==> flow/design.v <==
module dp_scratch_v2 #(
  parameter int D = 32,
  parameter int DATA_W = 12,
  parameter int IDX_W = $clog2(D)
) (
  input  logic clk,
  input  logic i_wr,
  input  logic [IDX_W-1:0] i_wr_addr,
  input  logic [DATA_W-1:0] i_din,
  input  logic [IDX_W-1:0] i_read_addr_a,
  input  logic [IDX_W-1:0] i_read_addr_b,
  output logic [DATA_W-1:0] o_dout_a,
  output logic [DATA_W-1:0] o_dout_b
);
  logic wr_r;
  logic [IDX_W-1:0] wr_addr_r;
  logic [DATA_W-1:0] din_r;
  logic [DATA_W-1:0] rf [0:D-1];
  always_ff @(posedge clk) begin
    if (wr_r && wr_addr_r != 0)
      rf[wr_addr_r] <= din_r;
  end
  logic [IDX_W-1:0] read_addr_a_r;
  logic [IDX_W-1:0] read_addr_b_r;
  assign o_dout_a = (read_addr_a_r == 0) ? {DATA_W{1'b0}} : rf[read_addr_a_r];
  assign o_dout_b = (read_addr_b_r == 0) ? {DATA_W{1'b0}} : rf[read_addr_b_r];
  always_ff @(posedge clk) begin
    wr_r <= i_wr;
    wr_addr_r <= i_wr_addr;
    din_r <= i_din;
    read_addr_a_r <= i_read_addr_a;
    read_addr_b_r <= i_read_addr_b;
  end
endmodule
Tool chain data of dp_scratch_v2
A sweep over "DATA_W": the same steps for each member of the family.
The file above is the member DATA_W 12. Line numbers count from 1 in each member's own file.
Library cell names are shortened.
Not given: n/a

set-up
  top module = dp_scratch_v2
  clock input = clk
  library = sky130hd
  corner = tt_025C_1v80

Members of the sweep
New or changed lines of each further member against the RTL above, in its own file; lines it lacks are not shown.

new or changed lines
  DATA_W  line  RTL
  20      3     parameter int DATA_W = 20,
  24      3     parameter int DATA_W = 24,
  48      3     parameter int DATA_W = 48,
  64      3     parameter int DATA_W = 64,

Word-level counts
Source: Yosys, flattened and elaborated, memories not mapped. Widths are those after wreduce; folded enables and synchronous resets count as part of the registers. Print and check cells do not count. Equal cells are merged and count once.
Memory sizes are those after Yosys's memory passes, which may raise the word count (mostly to a power of two), join words into wider ones and drop unused or constant bits.

cells by class
  DATA_W  mux-type cells  reductions and logical operators
  12      5               4
  20      5               4
  24      5               4
  48      5               4
  64      5               4

operator list
  DATA_W  kinds with counts
  12      3 x two-way mux 12 bit; 2 x zero test 5 bit; 1 x nonzero test 5 bit; 1 x two-way mux 5 bit; 1 x logical AND 1 bit; 1 x two-way mux 1 bit
  20      3 x two-way mux 20 bit; 2 x zero test 5 bit; 1 x nonzero test 5 bit; 1 x two-way mux 5 bit; 1 x logical AND 1 bit; 1 x two-way mux 1 bit
  24      3 x two-way mux 24 bit; 2 x zero test 5 bit; 1 x nonzero test 5 bit; 1 x two-way mux 5 bit; 1 x logical AND 1 bit; 1 x two-way mux 1 bit
  48      3 x two-way mux 48 bit; 2 x zero test 5 bit; 1 x nonzero test 5 bit; 1 x two-way mux 5 bit; 1 x logical AND 1 bit; 1 x two-way mux 1 bit
  64      3 x two-way mux 64 bit; 2 x zero test 5 bit; 1 x nonzero test 5 bit; 1 x two-way mux 5 bit; 1 x logical AND 1 bit; 1 x two-way mux 1 bit

bit counts
  DATA_W  register bits after elaboration  bits in writable memories  clocked read ports x word width  memories kept  bits of input ports  output and inout bits  cells after elaboration
  12      28                               384                        24                               1              29                   24                     15
  20      36                               640                        40                               1              37                   40                     15
  24      40                               768                        48                               1              41                   48                     15
  48      64                               1536                       96                               1              65                   96                     15
  64      80                               2048                       128                              1              81                   128                    15

memory list
  DATA_W  shape (words x width / read and write ports)
  12      rf 32x12 r2 w1
  20      rf 32x20 r2 w1
  24      rf 32x24 r2 w1
  48      rf 32x48 r2 w1
  64      rf 32x64 r2 w1

Logic depth
Yosys ltp: most cells in a row. Word level: on the elaborated netlist, between registers, memories and ports. Mapped: between sequential cells and ports; inverters and the memories' decode and read muxes count.

depth
  DATA_W  depth after elaboration  ABC_AREA  gate-level depth with buffers  gate-level depth less buffers
  12      3                        0         8                              4
  20      3                        0         8                              4
  24      3                        0         8                              4
  48      3                        0         9                              4
  64      3                        0         10                             4

After synthesis
Yosys stat after the flow's synthesis: flattened, memories mapped to cells. It holds for the ABC_AREA given above (unset counts as 0); a run with the other value may have another netlist.

synthesis totals
  DATA_W  cell count  mapped area (um2)  sequential area (um2)  mapped flip-flops  buffers
  12      1020        18651.6            12091.6                412                78
  20      1492        30204.0            19939.1                676                117
  24      1988        36859.1            23862.9                808                162
  48      3892        73063.8            47405.5                1600               324
  64      4645        95561.7            63100.5                2128               376

cell types
  DATA_W  types with counts
  12      384 x edfxtp_1; 135 x mux4_2; 114 x mux2i_1; 28 x dfxtp_1; 34 x a22oi_1; 27 x a211oi_1; 18 x buf_6; 22 x a22o_1; 23 x nor2b_1; 12 x mux2_2; 34 x nor2_1; 32 x clkbuf_1; 12 x a2111oi_0; 18 x nor3_1; 17 x a21oi_1; 13 x nor4_1; 15 x buf_2; 14 x o21ai_0; [+68]
  20      640 x edfxtp_1; 270 x mux4_2; 81 x mux2i_1; 36 x dfxtp_1; 37 x mux2_2; 38 x a22o_1; 11 x mux4_1; 33 x o22ai_1; 18 x buf_6; 52 x nor2_1; 50 x clkbuf_1; 23 x a211oi_1; 17 x a221o_1; 17 x a2111oi_0; 17 x o221ai_1; 28 x nor3_1; 25 x buf_2; 16 x buf_4; [+83]
  24      768 x edfxtp_1; 242 x mux4_2; 240 x mux2i_1; 40 x dfxtp_1; 22 x mux4_1; 48 x mux2_2; 48 x o221ai_1; 48 x a211oi_1; 48 x a22oi_1; 20 x a221oi_2; 79 x nand2_1; 36 x buf_4; 62 x clkbuf_1; 24 x a311oi_1; 29 x nor2b_1; 35 x buf_2; 14 x buf_6; 31 x o21ai_0; [+154]
  48      1536 x edfxtp_1; 525 x mux4_2; 480 x mux2i_1; 64 x dfxtp_1; 96 x mux2_2; 96 x o221ai_1; 96 x a22oi_1; 155 x nand2_1; 75 x a211oi_1; 95 x buf_2; 126 x clkbuf_1; 39 x buf_6; 48 x a311oi_1; 25 x a221oi_2; 42 x a221oi_1; 44 x buf_4; 51 x nor2b_1; 48 x nand4_1; [+251]
  64      2048 x edfxtp_1; 920 x mux4_2; 284 x mux2i_1; 149 x mux2_2; 80 x dfxtp_1; 165 x clkbuf_1; 69 x o221ai_1; 120 x buf_2; 68 x a221oi_1; 75 x a22oi_1; 59 x a22o_1; 70 x o22ai_1; 58 x a211oi_1; 59 x and3_1; 49 x a21o_1; 64 x nor3_1; 28 x buf_6; 71 x nand2_1; [+209]

The mark [+n] counts cells that are not listed.

Path before layout
Source: OpenSTA report_checks on the synthesized netlist (no wires, ideal clock, input and output delay 20% of the period each), path of least setup slack; recovery checks are left aside. Register names are those of the netlist, which keeps one name where synthesis merged equal registers.

timing path post-synthesis
  DATA_W  kind                  start                 end              period (ps)  setup slack (ps)  stages  delay of the path (ps)  period reached after synthesis (ps)
  12      register -> output    reg read_addr_b_r[2]  out o_dout_b[1]  2810         450               7       1798                    2360
  20      register -> output    reg read_addr_b_r[0]  out o_dout_b[0]  2930         470               6       1874                    2460
  24      register -> register  reg wr_r              mem rf[28][0]    3000         604               4       2397                    2396
  48      register -> register  reg wr_r              mem rf[28][0]    4300         863               4       3437                    3437
  64      register -> register  reg wr_r              mem rf[28][0]    5160         1029              4       4132                    4131

"delay of the path" is the arrival time less input delay plus setup time.
At an output port there is no setup time.
"stages": output pins that drive a net of the path, with the launching flip-flop's if there is one; two outputs of one cell count as two.
"period reached after synthesis" is the clock period less the worst setup slack; recovery checks do not enter. This is arithmetic on one report: input and output delays are still those of the set period (20% each).
Between the ends stands the longest chain of elaborated cells between them, by number of cells; it is not shown to be the way that was timed. Of several equally long chains one is given.
Each line given opens the expression or statement behind the cell; cells for indexed reads and writes are added by Yosys, which also makes memories of some case tables.

on the way, post-synthesis, DATA_W 12
  cells in the longest elaborated chain = 2

RTL lines, path post-synthesis, DATA_W 12
  item                line  RTL
  start: declaration  24    logic [IDX_W-1:0] read_addr_b_r;
  start: assignment   32    read_addr_b_r <= i_read_addr_b;
  zero test 5 bit     26    assign o_dout_b = (read_addr_b_r == 0) ? {DATA_W{1'b0}} : rf[read_addr_b_r];
  two-way mux 12 bit  26
  end: declaration    13    output logic [DATA_W-1:0] o_dout_b

DATA_W 64: The path ends at the enable pin of a flip-flop; only ways to that pin are counted.

on the way, post-synthesis, DATA_W 64
  cells in the longest elaborated chain = 2

RTL lines, path post-synthesis, DATA_W 64
  item                line  RTL
  start: declaration  15    logic wr_r;
  start: assignment   28    wr_r <= i_wr;
  logical AND 1 bit   20    if (wr_r && wr_addr_r != 0)
  two-way mux 5 bit   20
  end: declaration    18    logic [DATA_W-1:0] rf [0:D-1];

Path in the finished layout
Path of least setup slack in the final report of each member's run (OpenROAD, finished layout, wires in). Where an end is a register, its clock arrival counts in the times.
The path's times are printed in steps of 10 ps; the period is the one set.

timing path post-layout
  DATA_W  kind                start                 end               period (ps)  setup slack (ps)  stages  arrival time (ps)
  12      register -> output  reg read_addr_b_r[0]  out o_dout_b[2]   2810         -420              9       2670
  20      register -> output  reg read_addr_a_r[1]  out o_dout_a[19]  2930         -530              8       2870
  24      register -> output  reg read_addr_b_r[0]  out o_dout_b[3]   3000         -420              10      2820
  48      register -> output  reg read_addr_a_r[1]  out o_dout_a[21]  4300         20                8       3420
  64      register -> output  reg read_addr_a_r[2]  out o_dout_a[36]  5160         70                7       4060

Measured runs
One run of the flow (Yosys, OpenROAD) for each member, with settings and measured results. Input and output delays are each 20% of the period that was set; the output load is 0.01 pF.

flow settings
  CAP_MARGIN = 20
  CORE_MARGIN = 2
  CORE_UTILIZATION = 40
  SLEW_MARGIN = 20

settings that differ
  DATA_W  period_ns
  12      2.81
  20      2.93
  24      3.0
  48      4.3
  64      5.16

final reports
  DATA_W  cell area after synthesis (um2)  die outline area (um2)  utilization  setup slack of the worst path (ps)  post-route worst hold slack (ps)
  12      18651.6                          48371.4                 0.534        -417                                406
  20      30204.0                          77723.9                 0.523        -531                                412
  24      36859.1                          94593.2                 0.522        -424                                407
  48      73063.8                          186093.0                0.483        17                                  472
  64      95561.7                          242832.0                0.468        72                                  565
